==> flow/design.v <==
module ex_mag_cmp #(
   parameter WD = 64
) (
   input  logic sys_clk,
   input  logic [WD-1:0] src1_in,
   input  logic [WD-1:0] src2_in,
   output logic above_out
);
   logic [WD-1:0] src1_q;
   logic [WD-1:0] src2_q;
   always_ff @(posedge sys_clk) begin
      src1_q <= src1_in;
      src2_q <= src2_in;
   end
   logic [WD:0] carry;
   assign carry[0] = 1'b0;
   for (genvar k = 0; k < WD; k++) begin : slice
      assign carry[k+1] = (src1_q[k] ^ src2_q[k]) ? src1_q[k] : carry[k];
   end
   logic above_q;
   always_ff @(posedge sys_clk) begin
      above_q <= carry[WD];
   end
   assign above_out = above_q;
endmodule
Tool chain data of ex_mag_cmp
What the tools print for ex_mag_cmp, step after step.
Line numbers count from 1 in the design file above.
Cell names lack the library's common part.
The mark -- stands for no value.
Inputs
  design top: ex_mag_cmp
  clock: sys_clk
  standard-cell library: sky130hd
  corner: tt_025C_1v80

Word-level counts
Source: Yosys, flattened and elaborated, memories not mapped. Widths are those after wreduce; folded enables and synchronous resets count as part of the registers. Registers that Yosys merges into a memory's read port (data or address) are not register bits. Print and check cells do not count. Equal cells are merged and count once.
Storage and ports
  register bits: 129
  bits of input ports: 129
  output and inout port bits: 1
  word-level cells: 131
Cells by class
  muxes and demuxes: 64
  bitwise operators: 64
Operators with widths (number)
  1-bit bitwise XOR: 64
  1-bit 2-to-1 mux: 64

Logic depth
Yosys ltp: most cells in a row. Word level: on the elaborated netlist, between registers, memories and ports. Mapped: between sequential cells and ports; inverters and the memories' decode and read muxes count.
Depth
  word-level depth: 65
  ABC_AREA: 0
  depth in mapped cells: 6
  gate-level depth less buffers: 6

Mapped cells and area
The flow's flattened synthesis, as Yosys stat reports it; memories are mapped. The netlist is that of the ABC_AREA named above (0 if unset); the other value can give another one.
Synthesis totals
  cells in the netlist: 312
  chip area (Yosys): 3833.7 µm²
  sequential part of the area: 2582.5 µm²
  flip-flop cells: 129
  buffers: 0
Cells by type
  dfxtp_1: number 129, total area 2.58E+03 µm²
  inv_1: number 49, total area 183.926 µm²
  nor2b_1: number 27, total area 168.912 µm²
  nand2b_1: number 14, total area 87.584 µm²
  maj3_2: number 5, total area 56.304 µm²
  a2111oi_4: number 2, total area 55.053 µm²
  o22ai_1: number 8, total area 50.048 µm²
  a2111oi_2: number 3, total area 45.043 µm²
  a2bb2oi_1: number 5, total area 43.792 µm²
  o31a_1: number 5, total area 43.792 µm²
  a211oi_1: number 4, total area 30.029 µm²
  a22oi_1: number 4, total area 30.029 µm²
  o211ai_1: number 4, total area 30.029 µm²
  a221oi_1: number 3, total area 26.275 µm²
  o221ai_1: number 3, total area 26.275 µm²
  nor4_2: number 2, total area 25.024 µm²
  a21oi_1: number 4, total area 20.019 µm²
  maj3_1: number 2, total area 20.019 µm²
Other cell types: 28; their cells: 39.

Worst setup path after synthesis
OpenSTA on the mapped netlist: ideal clock, no wires. The path of least setup slack (recovery checks aside). Input and output delay are each 20% of the period. Register names are those of the netlist, which keeps one name where synthesis merged equal registers.
Timing path post-synthesis
  path type: reg2reg
  start: reg src1_q[3]
  end: reg above_q
  period: 1.95 ns
  setup time: 0.138 ns
  launch time at the first pin: 0.000 ns
  data arrival time: 1.418 ns
  data required time: 1.812 ns
  path slack: 0.394 ns
  delay of the path: 1.556 ns
  stages on the path: 7
  buffers on the path: 0
  synthesis period reached: 1.556 ns
"delay of the path" = arrival - input delay + setup time.
"stages on the path" counts driving pins, that of a launching flip-flop among them; a cell with two outputs on the path counts twice.
"synthesis period reached" is the clock period less the worst setup slack; recovery checks do not enter. This is arithmetic on one report: input and output delays are still those of the set period (20% each).
Between the ends stands the longest chain of elaborated cells between them, by number of cells; it is not shown to be the way that was timed. Of several equally long chains one is given.
Each line given opens the expression or statement behind the cell; cells for indexed reads and writes are added by Yosys, which also makes memories of some case tables.
Between the ends, post-synthesis
  path through: dfxtp_1 -> nor2b_1 -> maj3_2 -> a2111oi_2 -> o21ai_1 -> a211oi_2 -> o211ai_2
  length of the longest elaborated chain: 62
  elaborated cells between the ends (all ways): 62
  source lines of those cells: 1
  those cells by class: mux (61); logic (1)
RTL lines, path post-synthesis
  start: declaration: RTL line 9  | logic [WD-1:0] src1_q;
  start: assignment: RTL line 12  | src1_q <= src1_in;
  1-bit bitwise XOR: RTL line 18  | assign carry[k+1] = (src1_q[k] ^ src2_q[k]) ? src1_q[k] : carry[k];
  1-bit 2-to-1 mux x61: RTL line 18
  end: assignment: RTL line 22  | above_q <= carry[WD];
  end: declaration: RTL line 20  | logic above_q;

Timing after layout
From the final timing report of job 1: the path of least setup slack in the routed layout; clock arrival at registers is part of the times.
Timing path post-layout
  path type: reg2out
  start: reg above_q
  end: out above_out
  period: 1.95 ns
  external output delay: 0.39 ns
  launch time at the first pin: 0.49 ns
  data arrival time: 1.37 ns
  data required time: 1.56 ns
  path slack: 0.19 ns
  stages on the path: 2
  buffers on the path: 1
Between the ends, post-layout
  path through: dfxtp_1 -> clkdlybuf4s50_1
  length of the longest elaborated chain: 0
  elaborated cells between the ends (all ways): 0
  source lines of those cells: 0
RTL lines, path post-layout
  start: declaration: RTL line 20  | logic above_q;
  start: assignment: RTL line 22  | above_q <= carry[WD];
  end: declaration: RTL line 7  | output logic above_out

# Flow runs of ex_mag_cmp

Below are 3 stored runs of the flow (Yosys, OpenROAD; platform sky130hd) on ex_mag_cmp, each with its settings and what was measured, unordered. Constraints: input delay and output delay 20% of the set period each, output load 0.01 pF.
"achieved clock period (ns)" means the clock period less the worst setup slack. The figure is calculated, with input and output delays left at 20% of the set period.
"finish__power__total": no workload was simulated; the value follows from the tool's default switching activity.

settings of job 1
{
  "period_ns": 1.95,
  "CAP_MARGIN": 20,
  "CORE_MARGIN": 2,
  "CORE_UTILIZATION": 40,
  "SLEW_MARGIN": 20
}
report of job 1
yosys chip area after synthesis (um^2): 3833.7
finish__design__die__area: 10383.6
finish__design__instance__utilization: 0.6332
finish__timing__setup__ws: 0.191
finish__timing__setup__tns: 0.000
finish__timing__hold__ws: 0.327
finish__power__total: 6.424e-03
achieved clock period (ns): 1.759

settings of job 2
{
  "period_ns": 1.76,
  "CORE_UTILIZATION": 23,
  "PLACE_DENSITY_LB_ADDON": 0.23,
  "CORE_ASPECT_RATIO": 0.85,
  "CAP_MARGIN": 5,
  "SLEW_MARGIN": 0,
  "CORE_MARGIN": 2
}
report of job 2
yosys chip area after synthesis (um^2): 3833.7
finish__design__die__area: 17720.6
finish__design__instance__utilization: 0.3716
finish__timing__setup__ws: 0.047
finish__timing__setup__tns: 0.000
finish__timing__hold__ws: 0.375
finish__power__total: 7.112e-03
achieved clock period (ns): 1.713

settings of job 3
{
  "period_ns": 1.92,
  "CORE_UTILIZATION": 22,
  "PLACE_DENSITY_LB_ADDON": 0.15,
  "HOLD_SLACK_MARGIN": 0.14,
  "TNS_END_PERCENT": 90,
  "GPL_ROUTABILITY_DRIVEN": 1,
  "CTS_CLUSTER_SIZE": 24,
  "CTS_CLUSTER_DIAMETER": 215,
  "CAP_MARGIN": 35,
  "SLEW_MARGIN": 25,
  "CORE_MARGIN": 2
}
report of job 3
yosys chip area after synthesis (um^2): 3833.7
finish__design__die__area: 18497.4
finish__design__instance__utilization: 0.3483
finish__timing__setup__ws: 0.149
finish__timing__setup__tns: 0.000
finish__timing__hold__ws: 0.411
finish__power__total: 6.437e-03
achieved clock period (ns): 1.771
